==> flow/design.v <==
module ex_comparator_v2 #(
   parameter int WIDTH = 7,
   parameter int NUM = 7
) (
   input  logic i_clk,
   input  logic [NUM*WIDTH-1:0] in,
   output logic [WIDTH-1:0] max_o
);
   logic [NUM*WIDTH-1:0] in_r;
   wire [WIDTH-1:0] n_ [1:2*NUM-1];
   for (genvar gi = 0; gi < NUM; gi++) begin : lane
      assign n_[NUM+gi] = in_r[gi*WIDTH +: WIDTH];
   end
   for (genvar gi = 1; gi < NUM; gi++) begin : u_g
      assign n_[gi] = (n_[2*gi] > n_[2*gi+1]) ? n_[2*gi] : n_[2*gi+1];
   end
   assign max_o = n_[1];
   always_ff @(posedge i_clk)
      in_r <= in;
endmodule
Step by step through the tools: ex_comparator_v2

Tool output for the design above, in the order of the flow.
Lines are those of the file above, counted from 1.
Operators carry their Yosys type and port widths (W data, S select, Z words).
Cell names lack the library's common part.
The mark - stands for no value.

Design top: ex_comparator_v2
Clock: i_clk
Standard-cell library: sky130hd
Timing corner: tt_025C_1v80

Word-level counts

Counts by Yosys on the flattened word-level netlist (proc, flatten, opt, wreduce). Print and check cells are left out. Cells with the same type and inputs are merged into one.

Elaborated cells: 13
Register bits: 49
Input bits: 50
Output and inout port bits: 7

Order comparisons: 6
Mux-type cells: 6

Operators by type and width:

| cell         | number |
| $gt A7 B7 Y1 | 6 |
| $mux W7      | 6 |

Longest topological paths

Depth = most cells in a row (Yosys ltp): at word level without a register or memory, in the mapped netlist without a sequential cell, where the memories' decode and read muxes count.

Depth in word-level cells: 6
ABC_AREA: 1
Mapped depth: 32
Gate-level depth less buffers: 32

Synthesis result

Yosys stat after the flow's synthesis: flattened, memories mapped to cells. It holds for the ABC_AREA given above (unset counts as 0); a run with the other value may have another netlist.
Totals and module areas in this step are rounded.

Cell types:

| cell type | number | total area (um^2) |
| dfxtp_1   | 49     | 980.941 |
| ha_1      | 42     | 525.504 |
| nand2_1   | 87     | 326.563 |
| nand3_1   | 56     | 280.269 |
| inv_1     | 52     | 195.187 |
| and2_1    | 18     | 112.608 |
| nand2_4   | 6      | 67.565 |
| nand2_2   | 9      | 56.304 |
| a21oi_1   | 11     | 55.053 |
| nand4_4   | 2      | 42.541 |
| nor2_4    | 3      | 33.782 |
| inv_2     | 6      | 22.522 |
| o31ai_4   | 1      | 21.27 |
| nand3_2   | 2      | 20.019 |
| a21oi_2   | 2      | 17.517 |
| a21oi_4   | 1      | 16.266 |
| nand3b_1  | 2      | 15.014 |
| nand4_2   | 1      | 12.512 |

Not listed: further types 9, cells in them 13.

Synthesis area: 2900 um^2
Sequential area: 980 um^2
Buffers: 0
Flip-flops: 49
Standard cells after synthesis: 363

Path before layout

OpenSTA on the mapped netlist: ideal clock, no wires. The path of least setup slack (recovery checks aside). Input and output delay are each 20% of the period. Register names are those of the netlist, which keeps one name where synthesis merged equal registers.

Path kind: register -> output
Start point: register in_r[34]
End point: output max_o[0]
Stages on the path: 30
Setup slack: 1.857 ns
Output delay: 1.310 ns
Launch time at the first pin: 0.000 ns
Clock period: 6.55 ns
Data required time: 5.240 ns
Delay of the path: 3.383 ns
Arrival: 3.383 ns
Period reached after synthesis: 4.693 ns

"delay of the path" = arrival - input delay + setup time.
At an output port there is no setup time.
"stages on the path" counts driving pins, that of a launching flip-flop among them; a cell with two outputs on the path counts twice.
"period reached after synthesis" = period - worst setup slack (recovery checks aside). The figure is calculated, with input and output delays left at 20% of the set period.
The rows between start and end are the longest chain of elaborated cells between them; the timing report does not say that the signal goes this way. Where chains are equally long, one stands for them.
Each line given opens the expression or statement behind the cell; cells for indexed reads and writes are added by Yosys, which also makes memories of some case tables.

Cells stage by stage: dfxtp_1 -> inv_1 -> ha_1 -> nand2_2 -> inv_1 -> a21oi_2 -> nand2_4 -> nand2_4 -> nand2_1 -> and2_1 -> ha_1 -> nand2_1 -> inv_1 -> nand2_1 -> nand2_1 -> nand2_1 -> nand2_2 -> nand2_2 -> inv_2 -> nand3_1 -> and2_1 -> ha_1 -> nand2_1 -> o21ai_0 -> nand2_1 -> nand2_2 -> inv_2 -> nor2_4 -> nand3_1 -> nand2_1
Length of the longest elaborated chain: 6
Elaborated cells between the ends (all ways): 6

RTL lines, path after synthesis:

| element            | RTL line | source |
| start: declaration | 9        | `logic [NUM*WIDTH-1:0] in_r;` |
| start: assignment  | 19       | `in_r <= in;` |
| $gt A7 B7 Y1       | 15       | `assign n_[gi] = (n_[2*gi] > n_[2*gi+1]) ? n_[2*gi] : n_[2*gi+1];` |
| $mux W7            | 15       |  |
| $gt A7 B7 Y1       | 15       |  |
| $mux W7            | 15       |  |
| $gt A7 B7 Y1       | 15       |  |
| $mux W7            | 15       |  |
| end: declaration   | 7        | `output logic [WIDTH-1:0] max_o` |

Timing after layout

From the final timing report of stored run 1: the path of least setup slack in the routed layout; clock arrival at registers is part of the times.

Path kind: register -> output
Start point: register in_r[34]
End point: output max_o[0]
Clock period: 6.98 ns
Stages on the path: 31
Data required time: 5.58 ns
Arrival: 4.67 ns
Launch time at the first pin: 0.29 ns
Setup slack: 0.92 ns
Output delay: 1.40 ns

The rows between start and end are the longest chain of elaborated cells between them; the timing report does not say that the signal goes this way. Where chains are equally long, one stands for them.

Cells stage by stage: dfxtp_1 -> inv_1 -> ha_1 -> nand2_2 -> inv_1 -> a21oi_2 -> nand2_4 -> nand2_4 -> nand2_1 -> and2_1 -> ha_1 -> nand2_1 -> inv_1 -> nand2_1 -> nand2_1 -> nand2_1 -> nand2_2 -> nand2_2 -> inv_2 -> nand3_1 -> and2_1 -> ha_1 -> nand4_2 -> inv_1 -> nand2_1 -> nand2_2 -> inv_2 -> nor2_4 -> nand3_1 -> nand2_1 -> clkdlybuf4s50_1
Length of the longest elaborated chain: 6
Elaborated cells between the ends (all ways): 6

RTL lines, path post-layout:

| element            | RTL line | source |
| start: declaration | 9        | `logic [NUM*WIDTH-1:0] in_r;` |
| start: assignment  | 19       | `in_r <= in;` |
| $gt A7 B7 Y1       | 15       | `assign n_[gi] = (n_[2*gi] > n_[2*gi+1]) ? n_[2*gi] : n_[2*gi+1];` |
| $mux W7            | 15       |  |
| $gt A7 B7 Y1       | 15       |  |
| $mux W7            | 15       |  |
| $gt A7 B7 Y1       | 15       |  |
| $mux W7            | 15       |  |
| end: declaration   | 7        | `output logic [WIDTH-1:0] max_o` |

Appendix: measured runs

Flow measurements of ex_comparator_v2 on sky130hd: 3 stored runs with different settings, listed in no order. Input and output delays are each 20% of the period that was set; the output load is 0.01 pF.
"clock period reached" = clock period - worst setup slack. The figure is calculated, with input and output delays left at 20% of the set period.
"time of the worst setup path" means the part of the period allowed to the worst setup path (the constraints hold back 20% at inputs and 20% at outputs) less its slack; where the path has registers, the arrival times of their clocks count too.
"total power after layout" rests on the timing tool's default activity at the inputs, not on a simulated workload.
The measured numbers are rounded.

## Stored run 1

==> flow/run.sh <==
#!/bin/bash
# the make line also repeats the synthesis and layout settings of config.mk as NAME=value (left out here)
make -C /OpenROAD-flow-scripts/flow DESIGN_CONFIG=/design/flow/config.mk WORK_HOME=/design/flow/orfs CLKGATE_MAP_FILE= finish
==> flow/config.mk <==
export PLATFORM = sky130hd
export DESIGN_NAME = ex_comparator_v2
export DESIGN_NICKNAME = ex_comparator_v2
export VERILOG_FILES = /design/flow/design.v
export SDC_FILE = /design/flow/constraint.sdc
export NUM_CORES = 4
export LEC_CHECK = 0
export ABC_AREA = 1
export CAP_MARGIN = 20
export CORE_ASPECT_RATIO = 1.91
export CORE_MARGIN = 2
export CORE_UTILIZATION = 30
export CTS_CLUSTER_SIZE = 83
export GPL_TIMING_DRIVEN = 0
export MAX_ROUTING_LAYER = met5
export PLACE_DENSITY_LB_ADDON = 0.04
export SETUP_SLACK_MARGIN = 0.26
export SLEW_MARGIN = 25
==> flow/constraint.sdc <==
create_clock -name core_clock -period 6.98 [get_ports {i_clk}]
set_input_delay 1.3960 -clock core_clock [delete_from_list [all_inputs] [get_ports {i_clk}]]
set_output_delay 1.3960 -clock core_clock [all_outputs]
set_load 0.01 [all_outputs]

| result of stored run 1 | value |
|---|---|
| clock period reached | 6.063 ns |
| worst setup slack after layout | 0.92 ns |
| time of the worst setup path | 4.67 ns |
| type of the worst setup path | register -> output |
| standard-cell area after layout | 3700 um^2 |
| worst hold slack in the final report | 1.5 ns |
| total power after layout | 0.00099 W |
| die outline area | 10000 um^2 |
| post-route utilization | 40 % |
| final setup TNS | 0.000 ns |
| area of the synthesized netlist | 2900 um^2 |

## Stored run 2

==> flow/run.sh <==
#!/bin/bash
# the make line also repeats the synthesis and layout settings of config.mk as NAME=value (left out here)
make -C /OpenROAD-flow-scripts/flow DESIGN_CONFIG=/design/flow/config.mk WORK_HOME=/design/flow/orfs CLKGATE_MAP_FILE= finish
==> flow/config.mk <==
export PLATFORM = sky130hd
export DESIGN_NAME = ex_comparator_v2
export DESIGN_NICKNAME = ex_comparator_v2
export VERILOG_FILES = /design/flow/design.v
export SDC_FILE = /design/flow/constraint.sdc
export NUM_CORES = 4
export LEC_CHECK = 0
export ABC_AREA = 1
export CAP_MARGIN = 20
export CELL_PAD_IN_SITES_DETAIL_PLACEMENT = 0
export CORE_MARGIN = 6
export CORE_UTILIZATION = 47
export GPL_ROUTABILITY_DRIVEN = 0
export GPL_TIMING_DRIVEN = 0
export SETUP_SLACK_MARGIN = 0.13
export SLEW_MARGIN = 30
==> flow/constraint.sdc <==
create_clock -name core_clock -period 3.39 [get_ports {i_clk}]
set_input_delay 0.6780 -clock core_clock [delete_from_list [all_inputs] [get_ports {i_clk}]]
set_output_delay 0.6780 -clock core_clock [all_outputs]
set_load 0.01 [all_outputs]

| result of stored run 2 | value |
|---|---|
| clock period reached | 4.983 ns |
| time of the worst setup path | 4.31 ns |
| type of the worst setup path | register -> output |
| final setup TNS | -11 ns |
| post-route utilization | 86 % |
| standard-cell area after layout | 4900 um^2 |
| total power after layout | 0.0028 W |
| worst hold slack in the final report | 0.80 ns |
| die outline area | 8100 um^2 |
| worst setup slack after layout | -1.6 ns |
| area of the synthesized netlist | 2900 um^2 |

## Stored run 3

==> flow/run.sh <==
#!/bin/bash
# the make line also repeats the synthesis and layout settings of config.mk as NAME=value (left out here)
make -C /OpenROAD-flow-scripts/flow DESIGN_CONFIG=/design/flow/config.mk WORK_HOME=/design/flow/orfs CLKGATE_MAP_FILE= finish
==> flow/config.mk <==
export PLATFORM = sky130hd
export DESIGN_NAME = ex_comparator_v2
export DESIGN_NICKNAME = ex_comparator_v2
export VERILOG_FILES = /design/flow/design.v
export SDC_FILE = /design/flow/constraint.sdc
export NUM_CORES = 4
export LEC_CHECK = 0
export CAP_MARGIN = 20
export CORE_MARGIN = 2
export CORE_UTILIZATION = 40
export SLEW_MARGIN = 20
==> flow/constraint.sdc <==
create_clock -name core_clock -period 6.55 [get_ports {i_clk}]
set_input_delay 1.3100 -clock core_clock [delete_from_list [all_inputs] [get_ports {i_clk}]]
set_output_delay 1.3100 -clock core_clock [all_outputs]
set_load 0.01 [all_outputs]

| result of stored run 3 | value |
|---|---|
| total power after layout | 0.00088 W |
| area of the synthesized netlist | 2600 um^2 |
| time of the worst setup path | 5.13 ns |
| type of the worst setup path | register -> output |
| die outline area | 7100 um^2 |
| post-route utilization | 56 % |
| worst hold slack in the final report | 1.4 ns |
| standard-cell area after layout | 3500 um^2 |
| clock period reached | 6.438 ns |
| final setup TNS | 0.000 ns |
| worst setup slack after layout | 0.11 ns |
